==> flow/design.v <==
module gen_comparator #(
   parameter W = 112
) (
   input  wire i_clk,
   input  wire [W-1:0] lhs_in,
   input  wire [W-1:0] rhs_in,
   input  wire [W-1:0] extra_in,
   output reg [W-1:0] result_out
);
   always @(posedge i_clk) begin
      result_out <= (lhs_in < rhs_in) ? rhs_in : (lhs_in > extra_in) ? extra_in : lhs_in;
   end
endmodule
# Reports on gen_comparator

What the tools print for gen_comparator, step after step.
Lines are those of the file above, counted from 1.
The mark n/a stands for no value.

Top: gen_comparator
Clock port: i_clk
Library: sky130hd
Timing corner: tt_025C_1v80

# Word level

Counts by Yosys on the flattened word-level netlist (proc, flatten, opt, wreduce; memories kept). Register bits leave out memories and registers merged into their read ports (data or address); mux counts leave out enables and synchronous resets folded into registers. Print and check cells are left out. Cells with the same type and inputs are merged into one.

Register bits: 112
Bits in latches: 0
Memory bits (writable): 0
Memory bits (read-only): 0
Clocked read ports x word width: 0
Memories: 0
Input port bits: 337
Output and inout port bits: 112
Elaborated cells: 5

$add $sub $neg: 0
$mul: 0
Divide/modulo/power cells: 0
Order comparisons: 2
Equal/unequal tests: 0
Shift-type cells: 0
Multiplexer cells: 2
Bitwise logic cells: 0
Reductions and logical operators: 0

Operators by type and width:

| cell                            | count |
| 112-bit two-way mux             | 2 |
| 112-bit greater-than comparator | 1 |
| 112-bit < comparator            | 1 |

# Depth

Depth = most cells in a row (Yosys ltp): at word level without a register or memory, in the mapped netlist without a sequential cell, where the memories' decode and read muxes count.

Word-level depth: 3
ABC_AREA: 0
Depth in mapped cells: 13

# Netlist

Source: synth_stat.txt of the flow (Yosys; design flattened, memories mapped). It holds for the ABC_AREA given above (unset counts as 0); a run with the other value may have another netlist.
The area totals of this step are shown rounded.

Standard cells after synthesis: 1440
Synthesis area: 11000 sq um
Mapped flip-flops: 112
Buffer cells: 86

Cell types:

| cell type                 | count |
| sky130_fd_sc_hd__ha_1     | 223 |
| sky130_fd_sc_hd__dfxtp_1  | 112 |
| sky130_fd_sc_hd__inv_1    | 227 |
| sky130_fd_sc_hd__a31oi_1  | 114 |
| sky130_fd_sc_hd__nand3_1  | 129 |
| sky130_fd_sc_hd__nor3_1   | 118 |
| sky130_fd_sc_hd__a21oi_1  | 84 |
| sky130_fd_sc_hd__o21ai_1  | 81 |
| sky130_fd_sc_hd__o21ai_0  | 54 |
| sky130_fd_sc_hd__nand4_1  | 40 |
| sky130_fd_sc_hd__a21o_1   | 31 |
| sky130_fd_sc_hd__clkbuf_1 | 56 |
| sky130_fd_sc_hd__nand2_1  | 49 |
| sky130_fd_sc_hd__buf_6    | 10 |
| sky130_fd_sc_hd__and4_1   | 8 |
| sky130_fd_sc_hd__buf_4    | 9 |
| sky130_fd_sc_hd__nor2_1   | 16 |
| sky130_fd_sc_hd__a221oi_1 | 6 |

Other cell types: 33; their cells: 73.

# Worst setup path after synthesis

Source: OpenSTA report_checks on the synthesized netlist (no wires, ideal clock, input and output delay 20% of the period each), path of least setup slack; recovery checks are left aside. Register names are those of the netlist, which keeps one name where synthesis merged equal registers.

Kind: input to register
From: in extra_in[93]
To: reg result_out[100]
Period: 3.81 ns
Setup time: 0.136 ns
Arrival: 3.066 ns
Slack: 0.608 ns
Path delay: 2.440 ns
Stages: 12
Synthesis period reached: 3.202 ns

"path delay" is the arrival time less input delay plus setup time.
"stages": output pins that drive a net of the path, with the launching flip-flop's if there is one; two outputs of one cell count as two.
"synthesis period reached" = period - worst setup slack (recovery checks aside). The figure is calculated, with input and output delays left at 20% of the set period.
The rows between start and end are the longest chain of elaborated cells between them; the timing report does not say that the signal goes this way. Where chains are equally long, one stands for them.
Each line given opens the expression or statement behind the cell; cells for indexed reads and writes are added by Yosys, which also makes memories of some case tables.

Cells stage by stage: sky130_fd_sc_hd__inv_1 -> sky130_fd_sc_hd__ha_1 -> sky130_fd_sc_hd__nand4_1 -> sky130_fd_sc_hd__nor4_2 -> sky130_fd_sc_hd__nand4_1 -> sky130_fd_sc_hd__or4_4 -> sky130_fd_sc_hd__a311o_1 -> sky130_fd_sc_hd__and4_4 -> sky130_fd_sc_hd__buf_6 -> sky130_fd_sc_hd__buf_6 -> sky130_fd_sc_hd__o21ai_1 -> sky130_fd_sc_hd__a31oi_1
Cells in the longest elaborated chain: 3

Ends and longest elaborated chain, post-synthesis:

| element                         | line | RTL |
| start, declared                 | 7    | `input  wire [W-1:0] extra_in,` |
| 112-bit greater-than comparator | 11   | `result_out <= (lhs_in < rhs_in) ? rhs_in : (lhs_in > extra_in) ? extra_in : lhs_in;` |
| 112-bit two-way mux x2          | 11   |  |
| end, assigned                   | 11   |  |
| end, declared                   | 8    | `output reg [W-1:0] result_out` |

# Path in the finished layout

From the final timing report of run B: the path of least setup slack in the routed layout; clock arrival at registers is part of the times.

Kind: input to register
From: in extra_in[91]
To: reg result_out[60]
Period: 3.81 ns
Setup time: 0.12 ns
Arrival: 4.03 ns
Slack: 0.02 ns
Stages: 12

The rows between start and end are the longest chain of elaborated cells between them; the timing report does not say that the signal goes this way. Where chains are equally long, one stands for them.

Cells stage by stage: sky130_fd_sc_hd__clkdlybuf4s50_1 -> sky130_fd_sc_hd__inv_1 -> sky130_fd_sc_hd__ha_4 -> sky130_fd_sc_hd__nand4_1 -> sky130_fd_sc_hd__nor4_4 -> sky130_fd_sc_hd__nand4_1 -> sky130_fd_sc_hd__or4_4 -> sky130_fd_sc_hd__a311o_1 -> sky130_fd_sc_hd__and4_4 -> sky130_fd_sc_hd__buf_12 -> sky130_fd_sc_hd__o21ai_1 -> sky130_fd_sc_hd__a31oi_1
Cells in the longest elaborated chain: 3

Ends and longest elaborated chain, post-layout:

| element                         | line | RTL |
| start, declared                 | 7    | `input  wire [W-1:0] extra_in,` |
| 112-bit greater-than comparator | 11   | `result_out <= (lhs_in < rhs_in) ? rhs_in : (lhs_in > extra_in) ? extra_in : lhs_in;` |
| 112-bit two-way mux x2          | 11   |  |
| end, assigned                   | 11   |  |
| end, declared                   | 8    | `output reg [W-1:0] result_out` |

Appendix: measured runs

Top module gen_comparator; platform sky130hd; tools Yosys and OpenROAD; 3 stored runs in no particular order. Input and output delays are each 20% of the period that was set; the output load is 0.01 pF.
"period reached" = clock period - worst setup slack. The figure is calculated, with input and output delays left at 20% of the set period.
"time of the worst setup path" means the part of the period allowed to the worst setup path (the constraints hold back 20% at inputs and 20% at outputs) less its slack; where the path has registers, the arrival times of their clocks count too.
"overall power" rests on the timing tool's default activity at the inputs, not on a simulated workload.
The measured numbers are rounded.
A setting shown as -- is not set for that run.
Results: -- = not shown.

| name                                     | run A | run B             | run C             |
| period_ns                                | 4.66  | 3.81              | 2.45              |
| CORE_UTILIZATION                         | 59    | 40                | 17                |
| SETUP_SLACK_MARGIN                       | -0.4  | --                | --                |
| PLACE_DENSITY_LB_ADDON                   | 0.28  | --                | 0.29              |
| CELL_PAD_IN_SITES_DETAIL_PLACEMENT       | 1     | --                | --                |
| TNS_END_PERCENT                          | 80    | --                | 5                 |
| ABC_AREA                                 | 1     | --                | 0                 |
| GPL_TIMING_DRIVEN                        | 1     | --                | --                |
| SLEW_MARGIN                              | 35    | 20                | 10                |
| MIN_ROUTING_LAYER                        | met1  | --                | met1              |
| CAP_MARGIN                               | 20    | 20                | 20                |
| CORE_MARGIN                              | 2     | 2                 | 6                 |
| CORE_ASPECT_RATIO                        | --    | --                | 1.43              |
| CELL_PAD_IN_SITES_GLOBAL_PLACEMENT       | --    | --                | 3                 |
| GPL_ROUTABILITY_DRIVEN                   | --    | --                | 0                 |
| CTS_CLUSTER_SIZE                         | --    | --                | 54                |
| CTS_CLUSTER_DIAMETER                     | --    | --                | 237               |
| cell area after synthesis (sq um)        | --    | 11000             | 11000             |
| standard-cell area after routing (sq um) | --    | 17000             | 20000             |
| worst slack on setup checks (ns)         | --    | 0.019             | -0.64             |
| period reached (ns)                      | --    | 3.791             | 3.089             |
| overall power (W)                        | --    | 0.0047            | 0.008             |
| utilization                              | --    | 0.66              | 0.32              |
| time of the worst setup path (ns)        | --    | 3.03              | 2.60              |
| worst setup path type                    | --    | input to register | input to register |
| full die area (sq um)                    | --    | 28000             | 69000             |
| worst hold slack (ns)                    | --    | 0.72              | 0.35              |
| total negative setup slack (ns)          | --    | 0.000             | -63               |

Run A: stopped before the end: placement reported DPL-0033
